==> flow/design.v <==
module registers #(
  parameter integer NWORDS = 96,
  parameter integer WIDTH = 2,
  parameter integer RP = 8,
  parameter integer IDX_W = $clog2(NWORDS)
) (
  input logic i_clk,
  input logic rst_ni,
  input logic wr,
  input logic [IDX_W-1:0] waddr,
  input logic [WIDTH-1:0] din,
  input logic [RP*IDX_W-1:0] ra,
  output logic [RP*WIDTH-1:0] rdata
);
  logic wr_reg;
  logic [IDX_W-1:0] waddr_reg;
  logic [WIDTH-1:0] din_reg;
  always_ff @(posedge i_clk or negedge rst_ni) begin
    if (~rst_ni) begin
      wr_reg <= 1'b0;
      waddr_reg <= 0;
      din_reg <= 0;
    end else begin
      wr_reg <= wr;
      waddr_reg <= waddr;
      din_reg <= din;
    end
  end
  logic [WIDTH-1:0] rf [0:NWORDS-1];
  always_ff @(posedge i_clk) begin
    if (wr_reg)
      rf[waddr_reg] <= din_reg;
  end
  logic [RP*IDX_W-1:0] ra_reg;
  always_ff @(posedge i_clk or negedge rst_ni) begin
    if (~rst_ni) begin
      ra_reg <= 0;
    end else begin
      ra_reg <= ra;
    end
  end
  logic [RP*WIDTH-1:0] t;
  generate
    for (genvar gj = 0; gj < RP; gj++) begin : slice
      assign t[gj*WIDTH +: WIDTH] = rf[ra_reg[gj*IDX_W +: IDX_W]];
    end
  endgenerate
  always_ff @(posedge i_clk or negedge rst_ni) begin
    if (~rst_ni) begin
      rdata <= 0;
    end else begin
      rdata <= t;
    end
  end
endmodule
## Tool chain data of registers

The steps from the RTL of registers to its reports follow in flow order.
Line numbers count from 1 in the design file above.
Operators carry their Yosys type and port widths (W data, S select, Z words).
Not given: --

| inputs | value |
|---|---|
| top | registers |
| clock port | i_clk |
| standard-cell library | sky130hd |
| corner | tt_025C_1v80 |

## Elaborated design

Source: Yosys, flattened and elaborated, memories not mapped. Widths are those after wreduce; folded enables and synchronous resets count as part of the registers. Registers that Yosys merges into a memory's read port (data or address) are not register bits. Print and check cells do not count.
Yosys's memory passes give these memory sizes; they may raise the number of words (mostly to a power of two), join words into wider ones and drop unused or constant bits.

| word-level totals | value |
|---|---|
| flip-flop bits (word level) | 66 |
| bits in writable memories | 192 |
| clocked read ports x word width | 16 |
| memory cells | 1 |
| input port bits | 68 |
| output and inout port bits | 16 |

Memory list:

| name | words | bits a word | read ports | wr ports | RTL line | source |
|---|---|---|---|---|---|---|
| rf | 96 | 2 | 8 | 1 | 29 | `logic [WIDTH-1:0] rf [0:NWORDS-1];` |

| operators by class | value |
|---|---|
| multiplexer cells | 3 |
| reduce/logical cells | 8 |

Operator list:

| kind | number |
|---|---|
| $logic_not A1 Y1 | 8 |
| $mux W7 | 1 |
| $mux W2 | 1 |
| $mux W1 | 1 |

## Logic depth

Yosys ltp: most cells in a row. Word level: on the elaborated netlist, between registers, memories and ports. Mapped: between sequential cells and ports; inverters and the memories' decode and read muxes count.

| depth | value |
|---|---|
| depth after elaboration | 1 |
| ABC_AREA | 0 |
| gate-level depth with buffers | 9 |
| mapped depth without buffers | 6 |

## Synthesis result

The flow's flattened synthesis, as Yosys stat reports it; memories are mapped. The netlist is that of the ABC_AREA named above (0 if unset); the other value can give another one.
Totals and module areas in this step are rounded.

| synthesis totals | value |
|---|---|
| standard cells after synthesis | 1376 |
| mapped area | 21000 sq um |
| sequential area | 7820 sq um |
| flip-flops | 274 |
| buffers | 127 |

Cell types:

| type | number |
|---|---|
| sky130_fd_sc_hd__mux4_2 | 399 |
| sky130_fd_sc_hd__edfxtp_1 | 192 |
| sky130_fd_sc_hd__dfrtp_1 | 82 |
| sky130_fd_sc_hd__mux2i_1 | 89 |
| sky130_fd_sc_hd__nor2_1 | 113 |
| sky130_fd_sc_hd__nor2b_1 | 49 |
| sky130_fd_sc_hd__buf_2 | 55 |
| sky130_fd_sc_hd__a22oi_1 | 34 |
| sky130_fd_sc_hd__nand2_1 | 61 |
| sky130_fd_sc_hd__nand3_1 | 38 |
| sky130_fd_sc_hd__clkbuf_1 | 42 |
| sky130_fd_sc_hd__o22ai_1 | 24 |
| sky130_fd_sc_hd__mux2_2 | 11 |
| sky130_fd_sc_hd__buf_4 | 15 |
| sky130_fd_sc_hd__a211oi_1 | 13 |
| sky130_fd_sc_hd__o21ai_0 | 19 |
| sky130_fd_sc_hd__nor3_1 | 17 |
| sky130_fd_sc_hd__a31oi_1 | 13 |

Other cell types: 30; their cells: 110.

## Worst setup path after synthesis

Source: OpenSTA report_checks on the synthesized netlist (no wires, ideal clock, input and output delay 20% of the period each), path of least setup slack; recovery checks are left aside. Register names are those of the netlist, which keeps one name where synthesis merged equal registers.

| path post-synthesis | value |
|---|---|
| path kind | register to register |
| start point | reg ra_reg[22] |
| end point | reg rdata[7] |
| period | 2.67 ns |
| library setup time | 0.129 ns |
| launch time at the first pin | 0.000 ns |
| arrival time | 2.006 ns |
| data required time | 2.541 ns |
| slack | 0.535 ns |
| delay of the path | 2.135 ns |
| driving pins on the path | 8 |
| period reached after synthesis | 2.135 ns |

"delay of the path" is the arrival time less input delay plus setup time.
"driving pins on the path" counts driving pins, that of a launching flip-flop among them; a cell with two outputs on the path counts twice.
"period reached after synthesis" = period - worst setup slack (recovery checks aside). The figure is calculated, with input and output delays left at 20% of the set period.

| on the way, post-synthesis | value |
|---|---|
| cell sequence | sky130_fd_sc_hd__dfrtp_1 sky130_fd_sc_hd__buf_4 sky130_fd_sc_hd__buf_2 sky130_fd_sc_hd__buf_2 sky130_fd_sc_hd__mux4_2 sky130_fd_sc_hd__mux4_2 sky130_fd_sc_hd__a22oi_1 sky130_fd_sc_hd__nand3_1 |

RTL lines, path post-synthesis:

| item | RTL line | source |
|---|---|---|
| start, declared | 34 | `logic [RP*IDX_W-1:0] ra_reg;` |
| start, assigned | 37 | `ra_reg <= 0;` |
| start, assigned | 39 | `ra_reg <= ra;` |
| end, declared | 13 | `output logic [RP*WIDTH-1:0] rdata` |

No chain of elaborated cells between the ends is given.

## Worst path after layout

Path of least setup slack in the final report of run 1 (OpenROAD, finished layout, wires in). Where an end is a register, its clock arrival counts in the times.

| path after layout | value |
|---|---|
| path kind | register to register |
| start point | reg ra_reg[35] |
| end point | reg rdata[11] |
| period | 3.48 ns |
| library setup time | 0.12 ns |
| launch time at the first pin | 0.62 ns |
| arrival time | 3.92 ns |
| data required time | 3.96 ns |
| slack | 0.04 ns |
| driving pins on the path | 7 |

| on the way, after layout | value |
|---|---|
| cell sequence | sky130_fd_sc_hd__dfrtp_2 sky130_fd_sc_hd__mux4_2 sky130_fd_sc_hd__mux2i_1 sky130_fd_sc_hd__o22ai_1 sky130_fd_sc_hd__nor3_1 sky130_fd_sc_hd__buf_4 sky130_fd_sc_hd__nand3_1 |

RTL lines, path after layout:

| item | RTL line | source |
|---|---|---|
| start, declared | 34 | `logic [RP*IDX_W-1:0] ra_reg;` |
| start, assigned | 37 | `ra_reg <= 0;` |
| start, assigned | 39 | `ra_reg <= ra;` |
| end, declared | 13 | `output logic [RP*WIDTH-1:0] rdata` |

No chain of elaborated cells between the ends is given.

--- measured runs ---
Design registers on sky130hd. What follows are 3 stored runs of the flow, each under its own settings; their order means nothing. The constraints put input and output delay at 20% of the set period each and load the outputs with 0.01 pF.
"period achieved" means the clock period less the worst setup slack. The figure is calculated, with input and output delays left at 20% of the set period.
By "power consumption" is meant OpenSTA's value without simulated activity: inputs other than the clock are taken to toggle once in ten clock periods, and the tool carries that through the logic.
Values from the reports are rounded here.
Among the settings, -- means not set for that run.
Results: -- = not shown.

| run name | period_ns | CORE_UTILIZATION | PLACE_DENSITY_LB_ADDON | CORE_ASPECT_RATIO | CELL_PAD_IN_SITES_DETAIL_PLACEMENT | CTS_CLUSTER_DIAMETER | CAP_MARGIN | SLEW_MARGIN | CORE_MARGIN | SETUP_SLACK_MARGIN | PLACE_DENSITY | CELL_PAD_IN_SITES_GLOBAL_PLACEMENT | ABC_AREA | CTS_CLUSTER_SIZE | post-synthesis cell area (sq um) | power consumption (uW) | overall die area (sq um) | period achieved (ns) | worst setup slack after layout (ns) | final setup TNS (ns) | standard-cell area after layout (sq um) |
|---|---|---|---|---|---|---|---|---|---|---|---|---|---|---|---|---|---|---|---|---|---|
| run 1 | 3.48 | 27 | 0.23 | 0.56 | 1 | 275 | 30 | 15 | 2 | -- | -- | -- | -- | -- | 21000 | 8520 | 80300 | 3.436 | 0.044 | 0.000 | 24300 |
| run 2 | 1.5 | 72 | -- | -- | 0 | 203 | 0 | 20 | 7 | 0.45 | 0.93 | 0 | 0 | 88 | -- | -- | -- | -- | -- | -- | -- |
| run 3 | 2.67 | 40 | -- | -- | -- | -- | 20 | 20 | 2 | -- | -- | -- | -- | -- | 21000 | 10800 | 54400 | 2.641 | 0.029 | 0.000 | 24600 |

Run 2: no results, clock tree synthesis failed with DPL-0038
--- end ---
